==> flow/design.v <==
module ex_sum_block #(
  parameter int WD = 18
) (
  input  logic clk,
  input  logic aresetn,
  input  logic clk_en,
  input  logic [WD-1:0] src1,
  input  logic [WD-1:0] src2,
  output logic [WD:0] res
);
  logic [WD-1:0] src1_reg;
  always_ff @(posedge clk or negedge aresetn) begin
    if (!aresetn) begin
      src1_reg <= '0;
    end else if (clk_en) begin
      src1_reg <= src1;
    end
  end
  logic [WD-1:0] src2_reg;
  always_ff @(posedge clk or negedge aresetn) begin
    if (!aresetn) begin
      src2_reg <= '0;
    end else if (clk_en) begin
      src2_reg <= src2;
    end
  end
  assign res = src1_reg + src2_reg;
endmodule
Memo
Re: synthesis data of ex_sum_block

# From RTL to reports: ex_sum_block

Module ex_sum_block in several versions that differ in "WD"; each step lists the members.
The RTL above is that of WD = 18; lines are counted from 1 in the file of the member named.
Operators carry their Yosys type and port widths (W data, S select, Z words).
Cell names lack the library's common part.
A cell with -- has no value.

Top: ex_sum_block
Clock: clk
Library: sky130hd
Corner: tt_025C_1v80

# Members of the sweep

Lines of each other member's file that are new or changed against the file above; lines that a member lacks are not shown.

Lines new or changed:

| WD | line | text |
| 24 | 2    | `parameter int WD = 24` |
| 40 | 2    | `parameter int WD = 40` |
| 72 | 2    | `parameter int WD = 72` |
| 80 | 2    | `parameter int WD = 80` |

# Word-level counts

Yosys after proc, flatten, opt, wreduce and memory -nomap, before mapping. Enables and synchronous resets that opt folds into registers are not counted as muxes. Memory bits, and registers merged into a memory's read port (data or address), are not among the register bits. Print and check cells are not counted. Equal cells are merged and count once.

Operators by class:

| WD | add/subtract/negate cells |
| 18 | 1 |
| 24 | 1 |
| 40 | 1 |
| 72 | 1 |
| 80 | 1 |

Operators with widths:

| WD | kind and count |
| 18 | $add A18 B18 Y19 (1) |
| 24 | $add A24 B24 Y25 (1) |
| 40 | $add A40 B40 Y41 (1) |
| 72 | $add A72 B72 Y73 (1) |
| 80 | $add A80 B80 Y81 (1) |

Word-level totals:

| WD | cells after elaboration | output and inout bits | bits of input ports | bits in registers |
| 18 | 3                       | 19                    | 39                  | 36 |
| 24 | 3                       | 25                    | 51                  | 48 |
| 40 | 3                       | 41                    | 83                  | 80 |
| 72 | 3                       | 73                    | 147                 | 144 |
| 80 | 3                       | 81                    | 163                 | 160 |

# Longest topological paths

Longest topological path by Yosys (ltp), each cell counted once; first at word level (registers and memories cut), then after technology mapping (sequential cells cut; the memories' decode and read muxes count).

Depth:

| WD | depth in word-level cells | ABC_AREA | gate-level depth with buffers | depth with buffers taken out |
| 18 | 1                         | 0        | 9                             | 9 |
| 24 | 1                         | 0        | 8                             | 8 |
| 40 | 1                         | 0        | 11                            | 11 |
| 72 | 1                         | 0        | 12                            | 12 |
| 80 | 1                         | 0        | 12                            | 12 |

# Mapped cells and area

Source: synth_stat.txt of the flow (Yosys; design flattened, memories mapped). It holds for the ABC_AREA given above (unset counts as 0); a run with the other value may have another netlist.
Totals and module areas in this step are rounded.

Cell types:

| WD | types with counts |
| 18 | dfrtp_1 (36); mux2_2 (34); ha_1 (18); a21oi_1 (18); xnor2_1 (10); a21o_1 (10); xor2_1 (5); nand2_1 (8); o21ai_0 (6); nand2b_1 (4); a31oi_4 (1); fa_1 (1); nand3_1 (4); o21ai_1 (4); inv_1 (5); a21o_2 (2); o21ai_2 (2); o32ai_2 (1); (+24) |
| 24 | dfrtp_1 (48); mux2_2 (48); ha_1 (24); xnor2_1 (13); a21oi_1 (20); a21o_1 (10); nand2_1 (15); xor2_1 (6); nor2_1 (10); nor2b_1 (6); nand3_1 (7); inv_1 (8); o21ai_0 (6); o21bai_1 (4); a2111oi_4 (1); and2_1 (4); buf_6 (2); clkbuf_1 (6); (+39) |
| 40 | dfrtp_1 (80); mux2_2 (80); ha_1 (40); a21oi_1 (45); xnor2_1 (22); xor2_1 (16); a21o_1 (18); nand2_1 (32); nand3_1 (11); o21ai_0 (11); nor2_1 (13); clkbuf_1 (12); o21bai_1 (5); inv_1 (7); o21ai_1 (5); a211oi_1 (3); o211ai_1 (3); a31oi_4 (1); (+42) |
| 72 | dfrtp_1 (144); mux2_2 (144); ha_1 (72); a21oi_1 (104); xnor2_1 (41); o21ai_0 (61); nand2_1 (68); xor2_1 (29); nor2_1 (49); clkbuf_1 (34); a21o_1 (16); nand4_1 (18); o21bai_1 (14); inv_1 (19); nand3_1 (14); a31oi_1 (8); nor3_1 (10); nand2b_1 (7); (+74) |
| 80 | dfrtp_1 (160); mux2_2 (160); ha_1 (80); a21oi_1 (104); xnor2_1 (41); a21o_1 (45); xor2_1 (37); o21ai_0 (55); nand2_1 (71); nor2_1 (43); clkbuf_1 (36); o21bai_1 (16); nand4_1 (19); inv_1 (25); a221oi_1 (7); a211oi_1 (8); nand3_1 (12); o31ai_1 (7); (+113) |

A list marked (+n) leaves out that many cells.

Synthesis totals:

| WD | mapped area (um^2) | standard cells after synthesis | mapped flip-flops | buffer cells | area of sequential cells (um^2) |
| 18 | 2210               | 193                            | 36                | 4            | 901 |
| 24 | 3110               | 277                            | 48                | 8            | 1200 |
| 40 | 4910               | 446                            | 80                | 17           | 2000 |
| 72 | 9400               | 926                            | 144               | 36           | 3600 |
| 80 | 10700              | 1039                           | 160               | 45           | 4000 |

# Timing after synthesis

Source: OpenSTA report_checks on the synthesized netlist (no wires, ideal clock, input and output delay 20% of the period each), path of least setup slack; recovery checks are left aside. Register names are those of the netlist, which keeps one name where synthesis merged equal registers.

Timing post-synthesis:

| WD | path type     | start           | end         | delay of the path (ps) | slack (ps) | clock period (ps) | driving pins on the path | synthesis period reached (ps) |
| 18 | reg-to-output | reg src1_reg[0] | out res[16] | 1985                   | 495        | 3100              | 10                       | 2605 |
| 24 | reg-to-output | reg src1_reg[0] | out res[18] | 2164                   | 540        | 3380              | 9                        | 2840 |
| 40 | reg-to-output | reg src1_reg[0] | out res[40] | 2510                   | 626        | 3920              | 12                       | 3294 |
| 72 | reg-to-output | reg src1_reg[0] | out res[68] | 3192                   | 800        | 4990              | 13                       | 4190 |
| 80 | reg-to-output | reg src1_reg[0] | out res[80] | 2889                   | 719        | 4510              | 13                       | 3791 |

"delay of the path" = arrival - input delay + setup time.
A path that ends at an output port has no setup time.
"driving pins on the path" counts driving pins, that of a launching flip-flop among them; a cell with two outputs on the path counts twice.
"synthesis period reached" = period - worst setup slack (recovery checks aside). The figure is calculated, with input and output delays left at 20% of the set period.
The rows between start and end are the longest chain of elaborated cells between them; the timing report does not say that the signal goes this way. Where chains are equally long, one stands for them.
Each line given opens the expression or statement behind the cell; cells for indexed reads and writes are added by Yosys, which also makes memories of some case tables.

On the way, post-synthesis, WD = 18:
Length of the longest elaborated chain: 1

Ends and longest elaborated chain, post-synthesis, WD = 18:

| element          | line | text |
| start, declared  | 11   | `logic [WD-1:0] src1_reg;` |
| start, assigned  | 14   | `src1_reg <= '0;` |
| start, assigned  | 16   | `src1_reg <= src1;` |
| $add A18 B18 Y19 | 27   | `assign res = src1_reg + src2_reg;` |
| end, declared    | 9    | `output logic [WD:0] res` |

On the way, post-synthesis, WD = 80:
Length of the longest elaborated chain: 1

Ends and longest elaborated chain, post-synthesis, WD = 80:

| element          | line | text |
| start, declared  | 11   | `logic [WD-1:0] src1_reg;` |
| start, assigned  | 14   | `src1_reg <= '0;` |
| start, assigned  | 16   | `src1_reg <= src1;` |
| $add A80 B80 Y81 | 27   | `assign res = src1_reg + src2_reg;` |
| end, declared    | 9    | `output logic [WD:0] res` |

# Path in the finished layout

Path of least setup slack in the final report of each member's run (OpenROAD, finished layout, wires in). Where an end is a register, its clock arrival counts in the times.
The path's times are printed in steps of 10 ps; the period is the one set.

Timing post-layout:

| WD | path type     | start            | end         | slack (ps) | clock period (ps) | driving pins on the path | buffers on the path | arrival (ps) |
| 18 | reg-to-output | reg src1_reg[0]  | out res[8]  | 140        | 3100              | 11                       | 2                   | 2340 |
| 24 | reg-to-output | reg src2_reg[4]  | out res[11] | 100        | 3380              | 9                        | 2                   | 2610 |
| 40 | reg-to-output | reg src2_reg[0]  | out res[40] | 130        | 3920              | 13                       | 1                   | 3000 |
| 72 | reg-to-output | reg src1_reg[14] | out res[71] | 50         | 4990              | 13                       | 1                   | 3940 |
| 80 | reg-to-output | reg src2_reg[14] | out res[70] | 10         | 4510              | 14                       | 3                   | 3590 |

# Layout results

Settings and results of one run of the flow (Yosys, OpenROAD) for each member follow. The constraints put input and output delay at 20% of the set period each and load the outputs with 0.01 pF.

CAP_MARGIN: 20
CORE_MARGIN: 2
CORE_UTILIZATION: 40
SLEW_MARGIN: 20

Settings by member:

| WD | period_ns |
| 18 | 3.1 |
| 24 | 3.38 |
| 40 | 3.92 |
| 72 | 4.99 |
| 80 | 4.51 |

Measured results:

| WD | power consumption (W) | die size (um^2) | synthesis area (um^2) | clock period reached (ps) | lowest setup slack (ps) | standard-cell area after routing (um^2) |
| 18 | 0.00176               | 6130            | 2210                  | 2960                      | 140                     | 3160 |
| 24 | 0.00205               | 8490            | 3110                  | 3283                      | 97                      | 4250 |
| 40 | 0.00326               | 13200           | 4910                  | 3786                      | 134                     | 6860 |
| 72 | 0.00493               | 24700           | 9400                  | 4939                      | 51                      | 12900 |
| 80 | 0.00612               | 28000           | 10700                 | 4495                      | 15                      | 15100 |

"clock period reached" is the run's clock period less its worst setup slack. It is reckoned from that one timing run; input and output delays stay at 20% of the period that was set.
"power consumption" is the tool's figure for a default switching activity; nothing was simulated.
Results are given in rounded form.
